==> flow/design.v <==
module mux_stage (clk_i, aresetn, adv, d_0_in, d_1_in, d_2_in, select_in, o_out);
  parameter BITS = 32;
  input clk_i;
  input aresetn;
  input adv;
  input [BITS-1:0] d_0_in;
  input [BITS-1:0] d_1_in;
  input [BITS-1:0] d_2_in;
  input [1:0] select_in;
  output reg [BITS-1:0] o_out;
  reg [BITS-1:0] work;
  always @* begin
    if (select_in == 0) work = d_0_in;
    else if (select_in == 1) work = d_1_in;
    else work = d_2_in;
  end
  always @(posedge clk_i or negedge aresetn) begin
    if (~aresetn) begin
      o_out <= 0;
    end else if (adv) begin
      o_out <= work;
    end
  end
endmodule
## Step by step through the tools: mux_stage

Tool output for the design above, in the order of the flow.
Lines are those of the file above, counted from 1.
Operators carry their Yosys type and port widths (W data, S select, Z words).
Cell names lack the library's common part.
The mark - stands for no value.

| inputs | value |
|---|---|
| top | mux_stage |
| clock port | clk_i |
| library | sky130hd |
| timing corner | tt_025C_1v80 |

## Word level

Yosys after proc, flatten, opt, wreduce and memory -nomap, before mapping. Enables and synchronous resets that opt folds into registers are not counted as muxes. Memory bits, and registers merged into a memory's read port (data or address), are not among the register bits. Print and check cells are not counted. Equal cells are merged and count once.

| operators by class | value |
|---|---|
| equal/unequal tests | 1 |
| muxes and demuxes | 2 |
| reduce/logical cells | 1 |

Operators with widths:

| cell | count |
|---|---|
| $mux W32 | 2 |
| $eq A2 B1 Y1 const B | 1 |
| $logic_not A2 Y1 | 1 |

| bit counts | value |
|---|---|
| input bits | 101 |
| bits in registers | 32 |

## Longest topological paths

Longest topological path by Yosys (ltp), each cell counted once; first at word level (registers and memories cut), then after technology mapping (sequential cells cut; the memories' decode and read muxes count).

| logic depth | value |
|---|---|
| depth after elaboration | 3 |
| ABC_AREA | 0 |
| mapped depth | 4 |

## Mapped cells and area

The flow's flattened synthesis, as Yosys stat reports it; memories are mapped. The netlist is that of the ABC_AREA named above (0 if unset); the other value can give another one.
The area totals of this step are shown rounded.

| synthesis totals | value |
|---|---|
| flip-flop cells | 32 |
| mapped area | 2059 µm² |
| standard cells after synthesis | 179 |
| sequential area | 800.8 µm² |

Cell types:

| cell | count | total area (µm²) |
|---|---|---|
| dfrtp_1 | 32 | 800.768 |
| o211ai_2 | 30 | 375.36 |
| mux2i_1 | 32 | 320.307 |
| nand2b_1 | 32 | 200.192 |
| nand3_1 | 32 | 160.154 |
| buf_6 | 5 | 56.304 |
| buf_4 | 7 | 52.55 |
| buf_8 | 2 | 30.029 |
| buf_12 | 1 | 20.019 |
| buf_2 | 3 | 15.014 |
| o211ai_1 | 2 | 15.014 |
| nand2b_4 | 1 | 13.763 |

## Timing after synthesis

Path of least setup slack by OpenSTA after synthesis, without wires, with an ideal clock, recovery checks aside; 20% of the period is set as input and as output delay. Where synthesis merged equal registers, the netlist keeps one of their names.

| path post-synthesis | value |
|---|---|
| path type | input-to-reg |
| from | input port select_in[0] |
| to | register o_out[17] |
| input delay | 0.210 ns |
| launch time at the first pin | 0.210 ns |
| period | 1.05 ns |
| arrival | 0.752 ns |
| stages on the path | 4 |
| slack | 0.171 ns |
| delay of the path | 0.669 ns |
| setup time | 0.127 ns |
| synthesis period reached | 0.879 ns |

"delay of the path" = arrival - input delay + setup time.
"stages on the path" counts driving pins, that of a launching flip-flop among them; a cell with two outputs on the path counts twice.
"synthesis period reached" = period - worst setup slack (recovery checks aside). The figure is calculated, with input and output delays left at 20% of the set period.
The rows between start and end are the longest chain of elaborated cells between them; the timing report does not say that the signal goes this way. Where chains are equally long, one stands for them.
A line is the first line of the expression or statement that the cell stems from. Yosys adds cells for indexed reads and writes and turns some case tables into memories.

| on the way, post-synthesis | value |
|---|---|
| path through | buf_6 buf_8 mux2i_1 o211ai_2 |
| length of the longest elaborated chain | 3 |
| elaborated cells between the ends (all ways) | 4 |
| RTL lines with such cells | 2 |

Ends and longest elaborated chain, post-synthesis:

| what | line | RTL |
|---|---|---|
| start, declared | 9 | `input [1:0] select_in;` |
| $eq A2 B1 Y1 | 14 | `else if (select_in == 1) work = d_1_in;` |
| $mux W32 | 14 |  |
| $mux W32 | 13 | `if (select_in == 0) work = d_0_in;` |
| end, assigned | 19 | `o_out <= 0;` |
| end, assigned | 21 | `o_out <= work;` |
| end, declared | 10 | `output reg [BITS-1:0] o_out;` |

## Timing after layout

Path of least setup slack in the final report of stored run 1 (OpenROAD, finished layout, wires in). Where an end is a register, its clock arrival counts in the times.

| path post-layout | value |
|---|---|
| path type | reg-to-output |
| from | register o_out[20] |
| to | output port o_out[20] |
| slack | -0.25 ns |
| launch time at the first pin | 0.29 ns |
| arrival | 0.84 ns |
| period | 0.733 ns |
| stages on the path | 2 |

| on the way, post-layout | value |
|---|---|
| path through | dfrtp_1 buf_2 |
| length of the longest elaborated chain | 0 |
| elaborated cells between the ends (all ways) | 0 |
| RTL lines with such cells | 0 |

Ends and longest elaborated chain, post-layout:

| what | line | RTL |
|---|---|---|
| start, declared | 10 | `output reg [BITS-1:0] o_out;` |
| start, assigned | 19 | `o_out <= 0;` |
| start, assigned | 21 | `o_out <= work;` |
| end, declared | 10 |  |

Subject: flow runs of mux_stage

Hi,

Below are 3 stored runs of the flow (Yosys, OpenROAD; platform sky130hd) on mux_stage, each with its settings and what was measured, unordered. Constraints: input delay and output delay 20% of the set period each, output load 0.01 pF.
"period achieved" = clock period - worst setup slack. The figure is calculated, with input and output delays left at 20% of the set period.
"time of the worst setup path" is the time allowed to the run's worst setup path (the clock period less input and output delay, where it has them) less its slack. Clock arrival times count: a late capture clock shortens it, a late launch clock lengthens it.
"power consumption" rests on the timing tool's default activity at the inputs, not on a simulated workload.
Measured values are rounded.
Settings: n/a = not set for that run.
Results: n/a = not shown.

| stored run | period_ns | CORE_UTILIZATION | SETUP_SLACK_MARGIN | PLACE_DENSITY | CORE_MARGIN | CELL_PAD_IN_SITES_GLOBAL_PLACEMENT | CAP_MARGIN | SLEW_MARGIN | PLACE_DENSITY_LB_ADDON | CORE_ASPECT_RATIO | TNS_END_PERCENT | GPL_TIMING_DRIVEN | GPL_ROUTABILITY_DRIVEN | netlist area reported by Yosys (µm²) | full die area (µm²) | standard-cell area after layout (µm²) | utilization of the finished layout (%) | worst setup slack after layout (ns) | sum of negative setup slack (ns) | power consumption (mW) | period achieved (ns) | time of the worst setup path (ns) | worst setup path kind |
|---|---|---|---|---|---|---|---|---|---|---|---|---|---|---|---|---|---|---|---|---|---|---|---|
| stored run 1 | 0.733 | 31 | -0.06 | 0.49 | 2 | 1 | 20 | 20 | n/a | n/a | n/a | n/a | n/a | 2059 | 7311 | 3790 | 59.3 | -0.250 | -8.024 | 5.700 | 0.983 | 0.84 | reg-to-output |
| stored run 2 | 1.28 | 46 | -0.1 | n/a | 3 | 3 | 20 | 20 | 0.14 | 0.62 | 100 | 0 | 0 | n/a | n/a | n/a | n/a | n/a | n/a | n/a | n/a | n/a | n/a |
| stored run 3 | 1.05 | 40 | n/a | n/a | 2 | n/a | 20 | 20 | n/a | n/a | n/a | n/a | n/a | 2059 | 5739 | 3621 | 71.8 | 0.015 | 0.000 | 4.097 | 1.035 | 0.83 | reg-to-output |

Stored run 2: no results, placement failed with FLW-0024

Regards
